==> flow/design.v <==
module core_add_core_p #(
    parameter W = 14
) (
    input wire clock,
    input wire [W-1:0] da,
    input wire [W-1:0] db,
    input wire ci,
    output wire [W-1:0] total,
    output wire carry
);
    reg [W-1:0] da_ff;
    reg [W-1:0] db_ff;
    reg ci_ff;
    reg [W-1:0] t;
    reg c;
    integer k;
    always @(*) begin
        c = ci_ff;
        for (k = 0; k < W; k = k + 1) begin
            t[k] = da_ff[k] ^ db_ff[k] ^ c;
            c = (da_ff[k] & db_ff[k]) | (c & (da_ff[k] | db_ff[k]));
        end
    end
    assign total = t;
    assign carry = c;
    always @(posedge clock) begin
        da_ff <= da;
        db_ff <= db;
        ci_ff <= ci;
    end
endmodule
# Reports on core_add_core_p

What the tools print for core_add_core_p, step after step.
Line numbers count from 1 in the design file above.
Operators carry their Yosys type and port widths (W data, S select, Z words).
Cell names lack the library's common part.
Not given: n/a

Top: core_add_core_p
Clock: clock
Cell library: sky130hd
Corner: tt_025C_1v80

# After elaboration

Yosys after proc, flatten, opt, wreduce and memory -nomap, before mapping. Enables and synchronous resets that opt folds into registers are not counted as muxes. Memory bits, and registers merged into a memory's read port (data or address), are not among the register bits. Print and check cells are not counted. Equal cells are merged and count once.

Add/sub/neg operators: 0
$mul: 0
Div/mod/pow operators: 0
$lt $le $gt $ge: 0
Equality and inequality tests: 0
Shifts and indexed selects: 0
Mux-type cells: 0
Bitwise operators: 84
Reduce/logical cells: 0

Operators with widths:

| cell          | count |
| $and A1 B1 Y1 | 28 |
| $or A1 B1 Y1  | 28 |
| $xor A1 B1 Y1 | 28 |

Bits in registers: 29
Latch bits: 0
Memory bits (writable): 0
Memory bits (read-only): 0
Word width x clocked read ports: 0
Memories kept: 0
Input bits: 30
Output and inout port bits: 15
Cells after elaboration: 87

# Logic depth

Depth = most cells in a row (Yosys ltp): at word level without a register or memory, in the mapped netlist without a sequential cell, where the memories' decode and read muxes count.

Word-level depth: 29
ABC_AREA: 0
Depth in mapped cells: 18
Gate-level depth less buffers: 18

# Netlist

Source: synth_stat.txt of the flow (Yosys; design flattened, memories mapped). It holds for the ABC_AREA given above (unset counts as 0); a run with the other value may have another netlist.

Mapped cells: 53
Mapped area: 898.4 sq um
Sequential part of the area: 580.6 sq um
Flip-flops: 29
Buffer cells: 0

Cells by type:

| cell    | count | total area (sq um) |
| dfxtp_1 | 29    | 580.557 |
| fa_1    | 14    | 280.269 |
| inv_1   | 10    | 37.536 |

# Timing after synthesis

OpenSTA on the mapped netlist: ideal clock, no wires. The path of least setup slack (recovery checks aside). Input and output delay are each 20% of the period. Register names are those of the netlist, which keeps one name where synthesis merged equal registers.

Kind: register -> output
Start: register da_ff[0]
End: output port total[13]
Period: 8.83 ns
Output delay: 1.766 ns
Time at the first pin: 0.000 ns
Data arrival time: 5.649 ns
Data required time: 7.064 ns
Path slack: 1.415 ns
Path delay: 5.649 ns
Driving pins on the path: 19
Buffers on the path: 0
Synthesis period reached: 7.415 ns

"path delay" = arrival - input delay + setup time.
At an output port there is no setup time.
"driving pins on the path": output pins that drive a net of the path, with the launching flip-flop's if there is one; two outputs of one cell count as two.
"synthesis period reached" = period - worst setup slack (recovery checks aside). The figure is calculated, with input and output delays left at 20% of the set period.
Between the ends stands the longest chain of elaborated cells between them, by number of cells; it is not shown to be the way that was timed. Of several equally long chains one is given.
A line is the first line of the expression or statement that the cell stems from. Yosys adds cells for indexed reads and writes and turns some case tables into memories.

Cells stage by stage: dfxtp_1 > fa_1 > fa_1 > fa_1 > fa_1 > fa_1 > fa_1 > fa_1 > fa_1 > fa_1 > fa_1 > fa_1 > inv_1 > fa_1 > inv_1 > fa_1 > inv_1 > fa_1 > inv_1
Cells in the longest elaborated chain: 28
Elaborated cells on any way between the ends: 29
RTL lines with such cells: 2
Those cells by class: logic: 29

Ends and longest elaborated chain, after synthesis:

| what              | line | text |
| start, declared   | 11   | `reg [W-1:0] da_ff;` |
| start, assigned   | 27   | `da_ff <= da;` |
| $or A1 B1 Y1      | 21   | `c = (da_ff[k] & db_ff[k]) \| (c & (da_ff[k] \| db_ff[k]));` |
| $and A1 B1 Y1     | 21   |  |
| $or A1 B1 Y1      | 21   |  |
| $and A1 B1 Y1     | 21   |  |
| $or A1 B1 Y1      | 21   |  |
| $and A1 B1 Y1     | 21   |  |
| $or A1 B1 Y1      | 21   |  |
| [... 14 more ...] | n/a  |  |
| $and A1 B1 Y1     | 21   |  |
| $or A1 B1 Y1      | 21   |  |
| $and A1 B1 Y1     | 21   |  |
| $or A1 B1 Y1      | 21   |  |
| $and A1 B1 Y1     | 21   |  |
| $or A1 B1 Y1      | 21   |  |
| $xor A1 B1 Y1     | 20   | `t[k] = da_ff[k] ^ db_ff[k] ^ c;` |
| end, declared     | 8    | `output wire [W-1:0] total,` |

# Worst path after layout

From the final timing report of entry B: the path of least setup slack in the routed layout; clock arrival at registers is part of the times.

Kind: register -> output
Start: register da_ff[0]
End: output port total[13]
Period: 12.4 ns
Output delay: 2.48 ns
Time at the first pin: 0.31 ns
Data arrival time: 6.66 ns
Data required time: 9.92 ns
Path slack: 3.26 ns
Driving pins on the path: 20
Buffers on the path: 1

Between the ends stands the longest chain of elaborated cells between them, by number of cells; it is not shown to be the way that was timed. Of several equally long chains one is given.

Cells stage by stage: dfxtp_1 > fa_1 > fa_1 > fa_1 > fa_1 > fa_1 > fa_1 > fa_1 > fa_1 > fa_1 > fa_1 > fa_1 > inv_1 > fa_1 > inv_1 > fa_1 > inv_1 > fa_1 > inv_1 > clkdlybuf4s50_1
Cells in the longest elaborated chain: 28
Elaborated cells on any way between the ends: 29
RTL lines with such cells: 2
Those cells by class: logic: 29

Ends and longest elaborated chain, post-layout:

| what              | line | text |
| start, declared   | 11   | `reg [W-1:0] da_ff;` |
| start, assigned   | 27   | `da_ff <= da;` |
| $or A1 B1 Y1      | 21   | `c = (da_ff[k] & db_ff[k]) \| (c & (da_ff[k] \| db_ff[k]));` |
| $and A1 B1 Y1     | 21   |  |
| $or A1 B1 Y1      | 21   |  |
| $and A1 B1 Y1     | 21   |  |
| $or A1 B1 Y1      | 21   |  |
| $and A1 B1 Y1     | 21   |  |
| $or A1 B1 Y1      | 21   |  |
| [... 14 more ...] | n/a  |  |
| $and A1 B1 Y1     | 21   |  |
| $or A1 B1 Y1      | 21   |  |
| $and A1 B1 Y1     | 21   |  |
| $or A1 B1 Y1      | 21   |  |
| $and A1 B1 Y1     | 21   |  |
| $or A1 B1 Y1      | 21   |  |
| $xor A1 B1 Y1     | 20   | `t[k] = da_ff[k] ^ db_ff[k] ^ c;` |
| end, declared     | 8    | `output wire [W-1:0] total,` |

Appendix: measured runs

3 stored runs of core_add_core_p in the flow (synthesis by Yosys, layout by OpenROAD, sky130hd cells), in arbitrary order. Constraints: input delay and output delay 20% of the set period each, output load 0.01 pF.
"achieved period" = clock period - worst setup slack. The figure is calculated, with input and output delays left at 20% of the set period.
"critical path time" = time allowed to the worst setup path (clock period - input delay - output delay, where it has them) - its slack; a late launch clock adds to it, a late capture clock takes from it.
"power consumption" rests on the timing tool's default activity at the inputs, not on a simulated workload.
Settings: - = not set for that run.
Among the results, - means that no value is shown for the run.

| setting or result                              | entry A | entry B            | entry C            |
| period_ns                                      | 4.77    | 12.4               | 8.83               |
| CORE_UTILIZATION                               | 67      | 30                 | 40                 |
| SETUP_SLACK_MARGIN                             | 0.78    | -1.06              | -                  |
| PLACE_DENSITY_LB_ADDON                         | 0.27    | 0.25               | -                  |
| CELL_PAD_IN_SITES_DETAIL_PLACEMENT             | 0       | -                  | -                  |
| TNS_END_PERCENT                                | 20      | -                  | -                  |
| CTS_CLUSTER_SIZE                               | 17      | -                  | -                  |
| SLEW_MARGIN                                    | 25      | 20                 | 20                 |
| CAP_MARGIN                                     | 20      | 20                 | 20                 |
| CORE_MARGIN                                    | 2       | 2                  | 2                  |
| CELL_PAD_IN_SITES_GLOBAL_PLACEMENT             | -       | 0                  | -                  |
| MIN_ROUTING_LAYER                              | -       | met2               | -                  |
| MAX_ROUTING_LAYER                              | -       | met5               | -                  |
| synthesized cell area (sq um)                  | -       | 898.4              | 898.4              |
| area of the die (sq um)                        | -       | 3448.0             | 2640.9             |
| standard-cell area of the final layout (sq um) | -       | 1432.6             | 1443.9             |
| utilization (%)                                | -       | 51.1               | 66.6               |
| setup slack of the worst path (ns)             | -       | 3.261              | 0.348              |
| total negative slack (ns)                      | -       | 0.000              | 0.000              |
| worst hold slack in the final report (ns)      | -       | 2.599              | 1.878              |
| power consumption (uW)                         | -       | 198.7              | 289.5              |
| achieved period (ns)                           | -       | 9.139              | 8.482              |
| critical path time (ns)                        | -       | 6.66               | 6.72               |
| type of the worst setup path                   | -       | register -> output | register -> output |

Entry A: no final report: placement broke off with FLW-0024
